==> flow/design.v <==
module core_mul #(
    parameter integer WD = 16
) (
    input  wire clock,
    input  wire RSTN,
    input  wire [WD-1:0] in_lhs,
    input  wire [WD-1:0] in_rhs,
    output wire [WD-1:0] out_out
);
    reg [WD-1:0] lhs_q;
    reg [WD-1:0] rhs_q;
    always @(posedge clock or negedge RSTN) begin
        if (!RSTN) begin
            lhs_q <= 0;
            rhs_q <= 0;
        end else begin
            lhs_q <= in_lhs;
            rhs_q <= in_rhs;
        end
    end
    assign out_out = lhs_q * rhs_q;
endmodule
# Reports on core_mul
# What the tools print for core_mul, step after step.
# Lines are those of the file above, counted from 1.
# Operators carry their Yosys type and port widths (W data, S select, Z words).
# A cell with n/a has no value.
[design] top="core_mul" clock="clock" cell_library="sky130hd" pvt_corner="tt_025C_1v80"

# Elaborated design
# Counts by Yosys on the flattened word-level netlist (proc, flatten, opt, wreduce; memories kept). Register bits leave out memories and registers merged into their read ports (data or address); mux counts leave out enables and synchronous resets folded into registers. Print and check cells are left out. Cells with the same type and inputs are merged into one.
[classes] mul=1
[ops] operator="$mul A16 B16 Y16" n=1
[word_totals] out_inout_bits=16 regBits=32 inputBits=34 word_cells=3

# Longest topological paths
# Longest topological path by Yosys (ltp), each cell counted once; first at word level (registers and memories cut), then after technology mapping (sequential cells cut; the memories' decode and read muxes count).
[depth] depth_word=1 abc_area=1 ltp_mapped=28 ltp_nobuf=27

# Netlist
# The flow's flattened synthesis, as Yosys stat reports it; memories are mapped. The netlist is that of the ABC_AREA named above (0 if unset); the other value can give another one.
[by_type] cell_type="sky130_fd_sc_hd__fa_1" n=80 type_area_um2=1.6E+03
[by_type] cell_type="sky130_fd_sc_hd__dfrtp_1" n=32 type_area_um2=800.768
[by_type] cell_type="sky130_fd_sc_hd__nand2_1" n=210 type_area_um2=788.256
[by_type] cell_type="sky130_fd_sc_hd__inv_1" n=199 type_area_um2=746.966
[by_type] cell_type="sky130_fd_sc_hd__ha_1" n=49 type_area_um2=613.088
[by_type] cell_type="sky130_fd_sc_hd__xor2_1" n=9 type_area_um2=78.826
[by_type] cell_type="sky130_fd_sc_hd__nand3_1" n=15 type_area_um2=75.072
[by_type] cell_type="sky130_fd_sc_hd__a21oi_1" n=12 type_area_um2=60.058
[by_type] cell_type="sky130_fd_sc_hd__clkbuf_1" n=15 type_area_um2=56.304
[by_type] cell_type="sky130_fd_sc_hd__xnor2_1" n=6 type_area_um2=52.55
[by_type] cell_type="sky130_fd_sc_hd__buf_2" n=8 type_area_um2=40.038
[by_type] cell_type="sky130_fd_sc_hd__nand3b_1" n=4 type_area_um2=30.029
[by_type] cell_type="sky130_fd_sc_hd__nand4_1" n=4 type_area_um2=25.024
[by_type] cell_type="sky130_fd_sc_hd__nor2_1" n=5 type_area_um2=18.768
[by_type] cell_type="sky130_fd_sc_hd__o21ai_1" n=3 type_area_um2=15.014
[by_type] cell_type="sky130_fd_sc_hd__o21ai_0" n=2 type_area_um2=10.01
[by_type] cell_type="sky130_fd_sc_hd__o31a_1" n=1 type_area_um2=8.758
[by_type] cell_type="sky130_fd_sc_hd__a31oi_1" n=1 type_area_um2=6.256
# Other cell types: 4; their cells: 4.
[synth_totals] n_buf=23 mapped_area_um2=5046.1 sequential_area_um2=800.8 mapped_cells=659 flip_flops=32

# Timing after synthesis
# Path of least setup slack by OpenSTA after synthesis, without wires, with an ideal clock, recovery checks aside; 20% of the period is set as input and as output delay. Where synthesis merged equal registers, the netlist keeps one of their names.
[synth_path] kind="reg-to-output" startpoint="reg rhs_q[1]" endpoint="out out_out[14]" output_delay_ps=1564 path_slack_ps=1267 delay_ps=4989 arrival_ps=4989 t_first_pin_ps=0 driving_pins=22 t_required_ps=6256 tclk_ps=7820 n_path_buf=2 synth_period_reached_ps=6553
# "delay_ps" = arrival - input delay + setup time.
# A path that ends at an output port has no setup time.
# "driving_pins": output pins that drive a net of the path, with the launching flip-flop's if there is one; two outputs of one cell count as two.
# "synth_period_reached_ps" = period - worst setup slack (recovery checks aside). The figure is calculated, with input and output delays left at 20% of the set period.
# The rows between start and end are the longest chain of elaborated cells between them; the timing report does not say that the signal goes this way. Where chains are equally long, one stands for them.
# Each line given opens the expression or statement behind the cell; cells for indexed reads and writes are added by Yosys, which also makes memories of some case tables.
[synth_between] path_cell_list="sky130_fd_sc_hd__dfrtp_1 > sky130_fd_sc_hd__buf_2 > sky130_fd_sc_hd__clkbuf_1 > sky130_fd_sc_hd__nand2_1 > sky130_fd_sc_hd__fa_1 > sky130_fd_sc_hd__fa_1 > sky130_fd_sc_hd__inv_1 > sky130_fd_sc_hd__fa_1 > sky130_fd_sc_hd__inv_1 > sky130_fd_sc_hd__fa_1 > sky130_fd_sc_hd__inv_1 > sky130_fd_sc_hd__fa_1 > sky130_fd_sc_hd__inv_1 > sky130_fd_sc_hd__fa_1 > sky130_fd_sc_hd__inv_1 > sky130_fd_sc_hd__ha_1 > sky130_fd_sc_hd__nand2_1 > sky130_fd_sc_hd__o21ai_1 > sky130_fd_sc_hd__nand2_1 > sky130_fd_sc_hd__a21oi_1 > sky130_fd_sc_hd__o21ai_0 > sky130_fd_sc_hd__nand2_1" elab_chain_len=1 cone_cells=1 cone_lines=1 classes_between="1 x mul"
[synth_lines] element="start, declared" line_no=11 text="reg [WD-1:0] rhs_q;"
[synth_lines] element="start, assigned" line_no=15 text="rhs_q <= 0;"
[synth_lines] element="start, assigned" line_no=18 text="rhs_q <= in_rhs;"
[synth_lines] element="$mul A16 B16 Y16" line_no=21 text="assign out_out = lhs_q * rhs_q;"
[synth_lines] element="end, declared" line_no=8 text="output wire [WD-1:0] out_out"

# Path in the finished layout
# Path of least setup slack in the final report of record 1 (OpenROAD, finished layout, wires in). Where an end is a register, its clock arrival counts in the times.
# The path's times are printed in steps of 10 ps; the period is the one set.
[layout_path] kind="reg-to-output" startpoint="reg rhs_q[1]" endpoint="out out_out[15]" tclk_ps=11200 n_path_buf=3 output_delay_ps=2240 t_required_ps=8960 driving_pins=24 t_first_pin_ps=280 path_slack_ps=2620 arrival_ps=6340
# The rows between start and end are the longest chain of elaborated cells between them; the timing report does not say that the signal goes this way. Where chains are equally long, one stands for them.
[layout_between] path_cell_list="sky130_fd_sc_hd__dfrtp_1 > sky130_fd_sc_hd__buf_2 > sky130_fd_sc_hd__clkbuf_1 > sky130_fd_sc_hd__nand2_1 > sky130_fd_sc_hd__fa_1 > sky130_fd_sc_hd__fa_1 > sky130_fd_sc_hd__inv_1 > sky130_fd_sc_hd__fa_1 > sky130_fd_sc_hd__inv_1 > sky130_fd_sc_hd__fa_1 > sky130_fd_sc_hd__inv_1 > sky130_fd_sc_hd__fa_1 > sky130_fd_sc_hd__inv_1 > sky130_fd_sc_hd__fa_1 > sky130_fd_sc_hd__inv_1 > sky130_fd_sc_hd__ha_1 > sky130_fd_sc_hd__nand2_1 > sky130_fd_sc_hd__nor3_1 > sky130_fd_sc_hd__nand3_1 > sky130_fd_sc_hd__nand3_1 > sky130_fd_sc_hd__inv_1 > sky130_fd_sc_hd__nand3_1 > sky130_fd_sc_hd__nand2_1 > sky130_fd_sc_hd__clkdlybuf4s50_1" elab_chain_len=1 cone_cells=1 cone_lines=1 classes_between="1 x mul"
[layout_lines] element="start, declared" line_no=11 text="reg [WD-1:0] rhs_q;"
[layout_lines] element="start, assigned" line_no=15 text="rhs_q <= 0;"
[layout_lines] element="start, assigned" line_no=18 text="rhs_q <= in_rhs;"
[layout_lines] element="$mul A16 B16 Y16" line_no=21 text="assign out_out = lhs_q * rhs_q;"
[layout_lines] element="end, declared" line_no=8 text="output wire [WD-1:0] out_out"

# Settings and measured results of 3 stored flow runs for module core_mul (sky130hd), not sorted in any way. The constraints put input and output delay at 20% of the set period each and load the outputs with 0.01 pF.
# "achievedPeriod_ps" = clock period - worst setup slack. The figure is calculated, with input and output delays left at 20% of the set period.
# "critical_path_time_ps" means the part of the period allowed to the worst setup path (the constraints hold back 20% at inputs and 20% at outputs) less its slack; where the path has registers, the arrival times of their clocks count too.
# "design_power_w" rests on the timing tool's default activity at the inputs, not on a simulated workload.
# "critical_path_time_ps" is known to 10 ps.
run="record 1" settings period_ns=11.2 CORE_UTILIZATION=59 SETUP_SLACK_MARGIN=1.33 CORE_ASPECT_RATIO=1.19 CORE_MARGIN=5 CELL_PAD_IN_SITES_GLOBAL_PLACEMENT=0 ABC_AREA=1 GPL_TIMING_DRIVEN=0 CTS_CLUSTER_DIAMETER=374 CAP_MARGIN=40 SLEW_MARGIN=20
run="record 1" results synth_chip_area_um2=5046.1 final_setup_tns_ps=0 ws_setup_ps=2617 die_footprint_um2=10509.1 post_route_stdcell_area_um2=5768.0 final_util_frac=0.696 critical_path_time_ps=6340 worstPathKind="reg-to-output" achievedPeriod_ps=8583 design_power_w=0.001543
run="record 2" settings period_ns=7.82 CAP_MARGIN=20 CORE_MARGIN=2 CORE_UTILIZATION=40 SLEW_MARGIN=20
run="record 2" results achievedPeriod_ps=7543 critical_path_time_ps=5980 worstPathKind="reg-to-output" post_route_stdcell_area_um2=5560.3 design_power_w=0.002428 final_util_frac=0.483 final_setup_tns_ps=0 ws_setup_ps=277 synth_chip_area_um2=4747.1 die_footprint_um2=12755.4
run="record 3" settings period_ns=7.94 CORE_UTILIZATION=50 SETUP_SLACK_MARGIN=1.61 PLACE_DENSITY_LB_ADDON=0.26 CORE_ASPECT_RATIO=1.35 CELL_PAD_IN_SITES_GLOBAL_PLACEMENT=2 CELL_PAD_IN_SITES_DETAIL_PLACEMENT=1 ABC_AREA=0 GPL_TIMING_DRIVEN=0 CTS_CLUSTER_SIZE=96 MIN_ROUTING_LAYER="met1" CAP_MARGIN=20 CORE_MARGIN=2 SLEW_MARGIN=20
run="record 3" results critical_path_time_ps=5360 worstPathKind="reg-to-output" ws_setup_ps=988 final_setup_tns_ps=0 post_route_stdcell_area_um2=6112.1 die_footprint_um2=10298.1 final_util_frac=0.658 synth_chip_area_um2=4747.1 achievedPeriod_ps=6952 design_power_w=0.002752
